==> flow/design.v <==
module u_switch_blk #(
  parameter integer WD = 64,
  parameter integer NIN = 6
) (
  input  logic clk,
  input  logic resetn,
  input  logic [NIN*WD-1:0] val,
  input  logic [NIN-1:0] sel,
  output logic [WD-1:0] result
);
  logic [NIN*WD-1:0] val_s;
  logic [NIN-1:0] sel_s;
  logic [WD-1:0] r;
  always_comb begin
    r = '0;
    for (int n = NIN-1; n >= 0; n = n - 1)
      if (sel_s[n]) r = val_s[n*WD +: WD];
  end
  always_ff @(posedge clk) begin
    if (!resetn) begin
      val_s <= '0;
      sel_s <= '0;
      result <= '0;
    end else begin
      val_s <= val;
      sel_s <= sel;
      result <= r;
    end
  end
endmodule
# Step by step through the tools: u_switch_blk

What the tools print for u_switch_blk, step after step.
Line numbers count from 1 in the design file above.
Operators carry their Yosys type and port widths (W data, S select, Z words).
Library cell names are shortened.
Not given: -

Top: u_switch_blk
Clock port: clk
Cell library: sky130hd
Corner: tt_025C_1v80

# Elaborated design

Source: Yosys, flattened and elaborated, memories not mapped. Widths are those after wreduce; folded enables and synchronous resets count as part of the registers. Registers that Yosys merges into a memory's read port (data or address) are not register bits. Print and check cells do not count. Equal cells are merged and count once.

Input bits: 392
Word-level cells: 9
Flip-flop bits (word level): 454

Mux-type cells: 6

Operators by type and width:

| operator | number |
| $mux W64 | 6 |

# Logic depth

Depth = most cells in a row (Yosys ltp): at word level without a register or memory, in the mapped netlist without a sequential cell, where the memories' decode and read muxes count.

Word-level depth: 6
ABC_AREA: 0
Depth in mapped cells: 6
Gate-level depth less buffers: 3

# After synthesis

The flow's flattened synthesis, as Yosys stat reports it; memories are mapped. The netlist is that of the ABC_AREA named above (0 if unset); the other value can give another one.

Cells in the netlist: 1415
Chip area (Yosys): 15005.6 µm²
Buffers: 119
Sequential area: 9088.7 µm²
Mapped flip-flops: 454

Cells by type:

| cell type | number | area in all (µm²) |
| dfxtp_1   | 454    | 9.09E+03 |
| and2_1    | 390    | 2439.84 |
| a21oi_1   | 128    | 640.614 |
| a221o_1   | 63     | 630.605 |
| a221oi_1  | 64     | 560.538 |
| nand3b_1  | 64     | 480.461 |
| o21ai_0   | 64     | 320.307 |
| clkbuf_1  | 74     | 277.766 |
| inv_2     | 61     | 228.97 |
| buf_2     | 32     | 160.154 |
| buf_6     | 9      | 101.347 |
| buf_4     | 2      | 15.014 |
| buf_8     | 1      | 15.014 |
| inv_1     | 4      | 15.014 |
| o221a_1   | 1      | 11.261 |
| nor2b_1   | 1      | 6.256 |
| or2_1     | 1      | 6.256 |
| buf_1     | 1      | 3.754 |
| nand2_1   | 1      | 3.754 |

# Path before layout

Source: OpenSTA report_checks on the synthesized netlist (no wires, ideal clock, input and output delay 20% of the period each), path of least setup slack; recovery checks are left aside. Register names are those of the netlist, which keeps one name where synthesis merged equal registers.

Kind: reg2reg
Start point: register sel_s[4]
End point: register result[41]
Arrival: 1.150 ns
Stages: 7
Setup time: 0.070 ns
Path delay: 1.220 ns
Required time: 1.450 ns
Clock period: 1.52 ns
Path slack: 0.300 ns
Period reached after synthesis: 1.22 ns

"path delay" is the arrival time less input delay plus setup time.
"stages" counts driving pins, that of a launching flip-flop among them; a cell with two outputs on the path counts twice.
"period reached after synthesis" = period - worst setup slack (recovery checks aside). The figure is calculated, with input and output delays left at 20% of the set period.
The rows between start and end are the longest chain of elaborated cells between them; the timing report does not say that the signal goes this way. Where chains are equally long, one stands for them.
Each line given opens the expression or statement behind the cell; cells for indexed reads and writes are added by Yosys, which also makes memories of some case tables.

Path through: dfxtp_1 -> buf_4 -> buf_8 -> buf_6 -> a21oi_1 -> a221o_1 -> a21oi_1
Length of the longest elaborated chain: 5
Elaborated cells on any way between the ends: 5
RTL lines with such cells: 1
Classes of those cells: 5 x mux

Ends and longest elaborated chain, after synthesis:

| element               | line | source |
| start, declared       | 12   | `logic [NIN-1:0] sel_s;` |
| start, assigned       | 22   | `sel_s <= '0;` |
| start, assigned       | 26   | `sel_s <= sel;` |
| $mux W64 (5 in a row) | 17   | `if (sel_s[n]) r = val_s[n*WD +: WD];` |
| end, assigned         | 23   | `result <= '0;` |
| end, assigned         | 27   | `result <= r;` |
| end, declared         | 9    | `output logic [WD-1:0] result` |

# Timing after layout

Path of least setup slack in the final report of run 1 (OpenROAD, finished layout, wires in). Where an end is a register, its clock arrival counts in the times.

Kind: reg2out
Start point: register result[16]
End point: output port result[16]
Arrival: 1.17 ns
Clock period: 1.52 ns
Stages: 2
Path slack: 0.05 ns
Required time: 1.22 ns

Path through: dfxtp_1 -> clkdlybuf4s15_1
Length of the longest elaborated chain: 0
Elaborated cells on any way between the ends: 0
RTL lines with such cells: 0

Ends and longest elaborated chain, after layout:

| element         | line | source |
| start, declared | 9    | `output logic [WD-1:0] result` |
| start, assigned | 23   | `result <= '0;` |
| start, assigned | 27   | `result <= r;` |
| end, declared   | 9    |  |

# Flow runs of u_switch_blk

Top module u_switch_blk; platform sky130hd; tools Yosys and OpenROAD; 3 stored runs in no particular order. Input and output delays are each 20% of the period that was set; the output load is 0.01 pF.
"clock period reached" means the clock period less the worst setup slack. The figure is calculated, with input and output delays left at 20% of the set period.
"critical path time" is the time allowed to the run's worst setup path (the clock period less input and output delay, where it has them) less its slack. Clock arrival times count: a late capture clock shortens it, a late launch clock lengthens it.
"total power after layout" rests on the timing tool's default activity at the inputs, not on a simulated workload.

## Run 1

==> flow/run.sh <==
#!/bin/bash
# the make line also repeats the synthesis and layout settings of config.mk as NAME=value (left out here)
make -C /OpenROAD-flow-scripts/flow DESIGN_CONFIG=/design/flow/config.mk WORK_HOME=/design/flow/orfs CLKGATE_MAP_FILE= finish
==> flow/config.mk <==
export PLATFORM = sky130hd
export DESIGN_NAME = u_switch_blk
export DESIGN_NICKNAME = u_switch_blk
export VERILOG_FILES = /design/flow/design.v
export SDC_FILE = /design/flow/constraint.sdc
export NUM_CORES = 4
export LEC_CHECK = 0
export CAP_MARGIN = 20
export CORE_MARGIN = 2
export CORE_UTILIZATION = 40
export SLEW_MARGIN = 20
==> flow/constraint.sdc <==
create_clock -name core_clock -period 1.52 [get_ports {clk}]
set_input_delay 0.3040 -clock core_clock [delete_from_list [all_inputs] [get_ports {clk}]]
set_output_delay 0.3040 -clock core_clock [all_outputs]
set_load 0.01 [all_outputs]

| result of run 1 | value |
|---|---|
| die size | 39079.4 µm² |
| total power after layout | 27253 uW |
| std-cell area (final layout) | 21710.8 µm² |
| worst hold slack after layout | 0.180 ns |
| worst slack on setup checks | 0.045 ns |
| total negative slack | 0.000 ns |
| clock period reached | 1.475 ns |
| cell area after synthesis | 15005.6 µm² |
| post-route utilization | 59.0% |
| critical path time | 1.17 ns |
| kind of the worst setup path | reg2out |

## Run 2

==> flow/run.sh <==
#!/bin/bash
# the make line also repeats the synthesis and layout settings of config.mk as NAME=value (left out here)
make -C /OpenROAD-flow-scripts/flow DESIGN_CONFIG=/design/flow/config.mk WORK_HOME=/design/flow/orfs CLKGATE_MAP_FILE= finish
==> flow/config.mk <==
export PLATFORM = sky130hd
export DESIGN_NAME = u_switch_blk
export DESIGN_NICKNAME = u_switch_blk
export VERILOG_FILES = /design/flow/design.v
export SDC_FILE = /design/flow/constraint.sdc
export NUM_CORES = 4
export LEC_CHECK = 0
export ABC_AREA = 0
export CAP_MARGIN = 20
export CORE_MARGIN = 10
export CORE_UTILIZATION = 36
export CTS_CLUSTER_DIAMETER = 155
export MAX_ROUTING_LAYER = met4
export SLEW_MARGIN = 0
==> flow/constraint.sdc <==
create_clock -name core_clock -period 2.23 [get_ports {clk}]
set_input_delay 0.4460 -clock core_clock [delete_from_list [all_inputs] [get_ports {clk}]]
set_output_delay 0.4460 -clock core_clock [all_outputs]
set_load 0.01 [all_outputs]

| result of run 2 | value |
|---|---|
| die size | 50247.7 µm² |
| total power after layout | 18241 uW |
| std-cell area (final layout) | 21638.3 µm² |
| worst hold slack after layout | 0.293 ns |
| worst slack on setup checks | 0.268 ns |
| total negative slack | 0.000 ns |
| clock period reached | 1.962 ns |
| cell area after synthesis | 15005.6 µm² |
| post-route utilization | 52.8% |
| critical path time | 1.52 ns |
| kind of the worst setup path | reg2out |

## Run 3

==> flow/run.sh <==
#!/bin/bash
# the make line also repeats the synthesis and layout settings of config.mk as NAME=value (left out here)
make -C /OpenROAD-flow-scripts/flow DESIGN_CONFIG=/design/flow/config.mk WORK_HOME=/design/flow/orfs CLKGATE_MAP_FILE= finish
==> flow/config.mk <==
export PLATFORM = sky130hd
export DESIGN_NAME = u_switch_blk
export DESIGN_NICKNAME = u_switch_blk
export VERILOG_FILES = /design/flow/design.v
export SDC_FILE = /design/flow/constraint.sdc
export NUM_CORES = 4
export LEC_CHECK = 0
export CAP_MARGIN = 30
export CELL_PAD_IN_SITES_DETAIL_PLACEMENT = 1
export CORE_MARGIN = 5
export CORE_UTILIZATION = 34
export GPL_TIMING_DRIVEN = 1
export MAX_ROUTING_LAYER = met5
export MIN_ROUTING_LAYER = met2
export SLEW_MARGIN = 20
==> flow/constraint.sdc <==
create_clock -name core_clock -period 1.61 [get_ports {clk}]
set_input_delay 0.3220 -clock core_clock [delete_from_list [all_inputs] [get_ports {clk}]]
set_output_delay 0.3220 -clock core_clock [all_outputs]
set_load 0.01 [all_outputs]

| result of run 3 | value |
|---|---|
| die size | 48435.2 µm² |
| total power after layout | 25829 uW |
| std-cell area (final layout) | 21752.1 µm² |
| worst hold slack after layout | 0.158 ns |
| worst slack on setup checks | 0.046 ns |
| total negative slack | 0.000 ns |
| clock period reached | 1.564 ns |
| cell area after synthesis | 15005.6 µm² |
| post-route utilization | 49.5% |
| critical path time | 1.24 ns |
| kind of the worst setup path | reg2out |
